==> flow/design.v <==
module add_core_rtl #(
    parameter DWIDTH = 32,
    parameter BS = 4
) (
    input  wire ck,
    input  wire [DWIDTH-1:0] u,
    input  wire [DWIDTH-1:0] v,
    input  wire ci,
    output wire [DWIDTH-1:0] o,
    output wire carry
);
    reg [DWIDTH-1:0] u_r;
    always @(posedge ck)
        u_r <= u;
    reg [DWIDTH-1:0] v_r;
    always @(posedge ck)
        v_r <= v;
    reg ci_r;
    always @(posedge ck)
        ci_r <= ci;
    localparam NB = DWIDTH / BS;
    wire [DWIDTH-1:0] val;
    wire [NB:0] cy;
    assign cy[0] = ci_r;
    genvar i;
    generate
        for (i = 0; i < NB; i = i + 1) begin : each
            wire [BS:0] s0 = u_r[i*BS +: BS] + v_r[i*BS +: BS];
            wire [BS:0] s1 = u_r[i*BS +: BS] + v_r[i*BS +: BS] + 1'b1;
            assign {cy[i+1], val[i*BS +: BS]} = cy[i] ? s1 : s0;
        end
    endgenerate
    assign o = val;
    assign carry = cy[NB];
endmodule
Step by step through the tools: add_core_rtl
The steps from the RTL of add_core_rtl to its reports follow in flow order.
Lines are those of the file above, counted from 1.
Operators: Yosys type, input widths -> output width; for muxes data width and select width s.
Cell names lack the library's common part.
The mark - stands for no value.
Inputs
  design top: add_core_rtl
  clock: ck
  standard-cell library: sky130hd
  timing corner: tt_025C_1v80

Elaborated design
Yosys after proc, flatten, opt, wreduce and memory -nomap, before mapping. Enables and synchronous resets that opt folds into registers are not counted as muxes. Memory bits, and registers merged into a memory's read port (data or address), are not among the register bits. Print and check cells are not counted. Equal cells are merged and count once.
Storage and ports
  register bits: 65
  input bits: 66
  output and inout bits: 33
  word-level cells: 27
Cells by class
  add/sub/neg operators: 16
  mux-type cells: 8
Operators with widths (number)
  $add 4x4->5: 8
  $add 5x1->5 const B: 8
  $mux 5: 8

Longest topological paths
Yosys ltp: most cells in a row. Word level: on the elaborated netlist, between registers, memories and ports. Mapped: between sequential cells and ports; inverters and the memories' decode and read muxes count.
Depth
  word-level depth: 10
  ABC_AREA: 0
  depth in mapped cells: 15
  gate-level depth less buffers: 15

After synthesis
Yosys stat after the flow's synthesis: flattened, memories mapped to cells. It holds for the ABC_AREA given above (unset counts as 0); a run with the other value may have another netlist.
Mapped netlist
  cells in the netlist: 275
  mapped area: 3165.5 µm²
  area of sequential cells: 1301.2 µm²
  flip-flop cells: 65
  buffer cells: 1
Cell types
  dfxtp_1: number 65, area in all 1.3E+03 µm²
  ha_1: number 40, area in all 500.48 µm²
  xnor2_1: number 26, area in all 227.718 µm²
  xor2_1: number 20, area in all 175.168 µm²
  fa_1: number 8, area in all 160.154 µm²
  a21o_1: number 18, area in all 135.13 µm²
  mux2_2: number 7, area in all 78.826 µm²
  a21oi_1: number 15, area in all 75.072 µm²
  nand2_1: number 14, area in all 52.55 µm²
  nand4_1: number 7, area in all 43.792 µm²
  mux2i_1: number 4, area in all 40.038 µm²
  nor2_1: number 9, area in all 33.782 µm²
  mux2_4: number 2, area in all 30.029 µm²
  nand3_1: number 5, area in all 25.024 µm²
  mux2i_4: number 1, area in all 22.522 µm²
  a211oi_4: number 1, area in all 20.019 µm²
  a2111oi_0: number 2, area in all 17.517 µm²
  nand4b_1: number 2, area in all 17.517 µm²
Other cell types: 21; their cells: 29.

Path before layout
Path of least setup slack by OpenSTA after synthesis, without wires, with an ideal clock, recovery checks aside; 20% of the period is set as input and as output delay. Where synthesis merged equal registers, the netlist keeps one of their names.
Timing path post-synthesis
  path kind: register -> output
  from: register u_r[0]
  to: output o[29]
  period: 6.07 ns
  output delay: 1.214 ns
  launch time at the first pin: 0.000 ns
  arrival time: 3.886 ns
  required time: 4.856 ns
  setup slack: 0.970 ns
  delay of the path: 3.886 ns
  driving pins on the path: 16
  buffers on the path: 0
  period reached after synthesis: 5.1 ns
"delay of the path" is the arrival time less input delay plus setup time.
At an output port there is no setup time.
"driving pins on the path" counts driving pins, that of a launching flip-flop among them; a cell with two outputs on the path counts twice.
"period reached after synthesis" = period - worst setup slack (recovery checks aside). The figure is calculated, with input and output delays left at 20% of the set period.
The rows between start and end are the longest chain of elaborated cells between them; the timing report does not say that the signal goes this way. Where chains are equally long, one stands for them.
A line is the first line of the expression or statement that the cell stems from. Yosys adds cells for indexed reads and writes and turns some case tables into memories.
On the way, post-synthesis
  path through: dfxtp_1 > ha_1 > fa_1 > ha_1 > a21oi_1 > nor2b_1 > o311ai_1 > a41oi_1 > a21oi_2 > nor3b_1 > a211oi_4 > nand4_2 > mux2_4 > mux2i_4 > xnor2_1 > mux2_4
  length of the longest elaborated chain: 10
  elaborated cells between the ends (all ways): 10
  those cells by class: add/sub: 2; mux: 8
RTL lines, path post-synthesis
  start: declaration: line 12  | reg [DWIDTH-1:0] u_r;
  start: assignment: line 14  | u_r <= u;
  $add 4x4->5: line 29  | wire [BS:0] s1 = u_r[i*BS +: BS] + v_r[i*BS +: BS] + 1'b1;
  $add 5x1->5: line 29
  $mux 5 x8: line 30  | assign {cy[i+1], val[i*BS +: BS]} = cy[i] ? s1 : s0;
  end: declaration: line 9  | output wire [DWIDTH-1:0] o,

Worst path after layout
Path of least setup slack in the final report of entry B (OpenROAD, finished layout, wires in). Where an end is a register, its clock arrival counts in the times.
Timing path post-layout
  path kind: register -> output
  from: register u_r[0]
  to: output o[31]
  period: 4.45 ns
  output delay: 0.89 ns
  launch time at the first pin: 0.32 ns
  arrival time: 4.25 ns
  required time: 3.56 ns
  setup slack: -0.69 ns
  driving pins on the path: 19
  buffers on the path: 3
The rows between start and end are the longest chain of elaborated cells between them; the timing report does not say that the signal goes this way. Where chains are equally long, one stands for them.
On the way, post-layout
  path through: dfxtp_2 > ha_4 > fa_2 > ha_4 > a21oi_2 > nor2b_1 > o311ai_4 > a311o_1 > a21oi_2 > nor3b_1 > a211oi_4 > nand4_2 > mux2_4 > mux2i_4 > buf_6 > buf_6 > mux2i_1 > xor2_1 > buf_2
  length of the longest elaborated chain: 10
  elaborated cells between the ends (all ways): 10
  those cells by class: add/sub: 2; mux: 8
RTL lines, path post-layout
  start: declaration: line 12  | reg [DWIDTH-1:0] u_r;
  start: assignment: line 14  | u_r <= u;
  $add 4x4->5: line 29  | wire [BS:0] s1 = u_r[i*BS +: BS] + v_r[i*BS +: BS] + 1'b1;
  $add 5x1->5: line 29
  $mux 5 x8: line 30  | assign {cy[i+1], val[i*BS +: BS]} = cy[i] ? s1 : s0;
  end: declaration: line 9  | output wire [DWIDTH-1:0] o,

add_core_rtl through Yosys and OpenROAD on sky130hd: 3 stored runs, unordered, with their settings and measured results. The constraints put input and output delay at 20% of the set period each and load the outputs with 0.01 pF.
"achieved clock period (ns)" = clock period - worst setup slack. The figure is calculated, with input and output delays left at 20% of the set period.
By "worst setup path time (ns)" is meant the share of the clock period that the worst setup path is allowed (20% is reserved at inputs, 20% at outputs), minus its slack. Clock arrival times at its registers enter into it.
"finish__power__total" is the tool's figure for a default switching activity; nothing was simulated.

Flow files of entry A
==> flow/run.sh <==
#!/bin/bash
# the make line also repeats the synthesis and layout settings of config.mk as NAME=value (left out here)
make -C /OpenROAD-flow-scripts/flow DESIGN_CONFIG=/design/flow/config.mk WORK_HOME=/design/flow/orfs CLKGATE_MAP_FILE= finish
==> flow/config.mk <==
export PLATFORM = sky130hd
export DESIGN_NAME = add_core_rtl
export DESIGN_NICKNAME = add_core_rtl
export VERILOG_FILES = /design/flow/design.v
export SDC_FILE = /design/flow/constraint.sdc
export NUM_CORES = 4
export LEC_CHECK = 0
export CAP_MARGIN = 40
export CELL_PAD_IN_SITES_DETAIL_PLACEMENT = 2
export CORE_MARGIN = 10
export CORE_UTILIZATION = 57
export GPL_ROUTABILITY_DRIVEN = 1
export PLACE_DENSITY = 0.87
export SLEW_MARGIN = 20
export TNS_END_PERCENT = 45
==> flow/constraint.sdc <==
create_clock -name core_clock -period 4.79 [get_ports {ck}]
set_input_delay 0.9580 -clock core_clock [delete_from_list [all_inputs] [get_ports {ck}]]
set_output_delay 0.9580 -clock core_clock [all_outputs]
set_load 0.01 [all_outputs]

report of entry A: did not finish, place, DPL-0033

Flow files of entry B
==> flow/run.sh <==
#!/bin/bash
# the make line also repeats the synthesis and layout settings of config.mk as NAME=value (left out here)
make -C /OpenROAD-flow-scripts/flow DESIGN_CONFIG=/design/flow/config.mk WORK_HOME=/design/flow/orfs CLKGATE_MAP_FILE= finish
==> flow/config.mk <==
export PLATFORM = sky130hd
export DESIGN_NAME = add_core_rtl
export DESIGN_NICKNAME = add_core_rtl
export VERILOG_FILES = /design/flow/design.v
export SDC_FILE = /design/flow/constraint.sdc
export NUM_CORES = 4
export LEC_CHECK = 0
export ABC_AREA = 0
export CAP_MARGIN = 20
export CELL_PAD_IN_SITES_GLOBAL_PLACEMENT = 0
export CORE_ASPECT_RATIO = 1.45
export CORE_MARGIN = 9
export CORE_UTILIZATION = 22
export CTS_CLUSTER_SIZE = 59
export MAX_ROUTING_LAYER = met4
export PLACE_DENSITY = 0.38
export SETUP_SLACK_MARGIN = 1.21
export SLEW_MARGIN = 20
==> flow/constraint.sdc <==
create_clock -name core_clock -period 4.45 [get_ports {ck}]
set_input_delay 0.8900 -clock core_clock [delete_from_list [all_inputs] [get_ports {ck}]]
set_output_delay 0.8900 -clock core_clock [all_outputs]
set_load 0.01 [all_outputs]

report of entry B
yosys chip area after synthesis (um^2): 3165.5
finish__design__die__area: 19105.4
finish__design__instance__area__stdcell: 5293.8
finish__design__instance__utilization: 0.3767
finish__timing__setup__ws: -0.695
finish__timing__setup__tns: -5.953
finish__timing__hold__ws: 1.006
finish__power__total: 2.016e-03
achieved clock period (ns): 5.145
worst setup path time (ns): 4.25
worst setup path kind: register -> output

Flow files of entry C
==> flow/run.sh <==
#!/bin/bash
# the make line also repeats the synthesis and layout settings of config.mk as NAME=value (left out here)
make -C /OpenROAD-flow-scripts/flow DESIGN_CONFIG=/design/flow/config.mk WORK_HOME=/design/flow/orfs CLKGATE_MAP_FILE= finish
==> flow/config.mk <==
export PLATFORM = sky130hd
export DESIGN_NAME = add_core_rtl
export DESIGN_NICKNAME = add_core_rtl
export VERILOG_FILES = /design/flow/design.v
export SDC_FILE = /design/flow/constraint.sdc
export NUM_CORES = 4
export LEC_CHECK = 0
export CAP_MARGIN = 20
export CORE_MARGIN = 2
export CORE_UTILIZATION = 40
export SLEW_MARGIN = 20
==> flow/constraint.sdc <==
create_clock -name core_clock -period 6.07 [get_ports {ck}]
set_input_delay 1.2140 -clock core_clock [delete_from_list [all_inputs] [get_ports {ck}]]
set_output_delay 1.2140 -clock core_clock [all_outputs]
set_load 0.01 [all_outputs]

report of entry C
yosys chip area after synthesis (um^2): 3165.5
finish__design__die__area: 8641.6
finish__design__instance__area__stdcell: 4511.8
finish__design__instance__utilization: 0.5869
finish__timing__setup__ws: 0.230
finish__timing__setup__tns: 0.000
finish__timing__hold__ws: 1.310
finish__power__total: 1.219e-03
achieved clock period (ns): 5.840
worst setup path time (ns): 4.63
worst setup path kind: register -> output
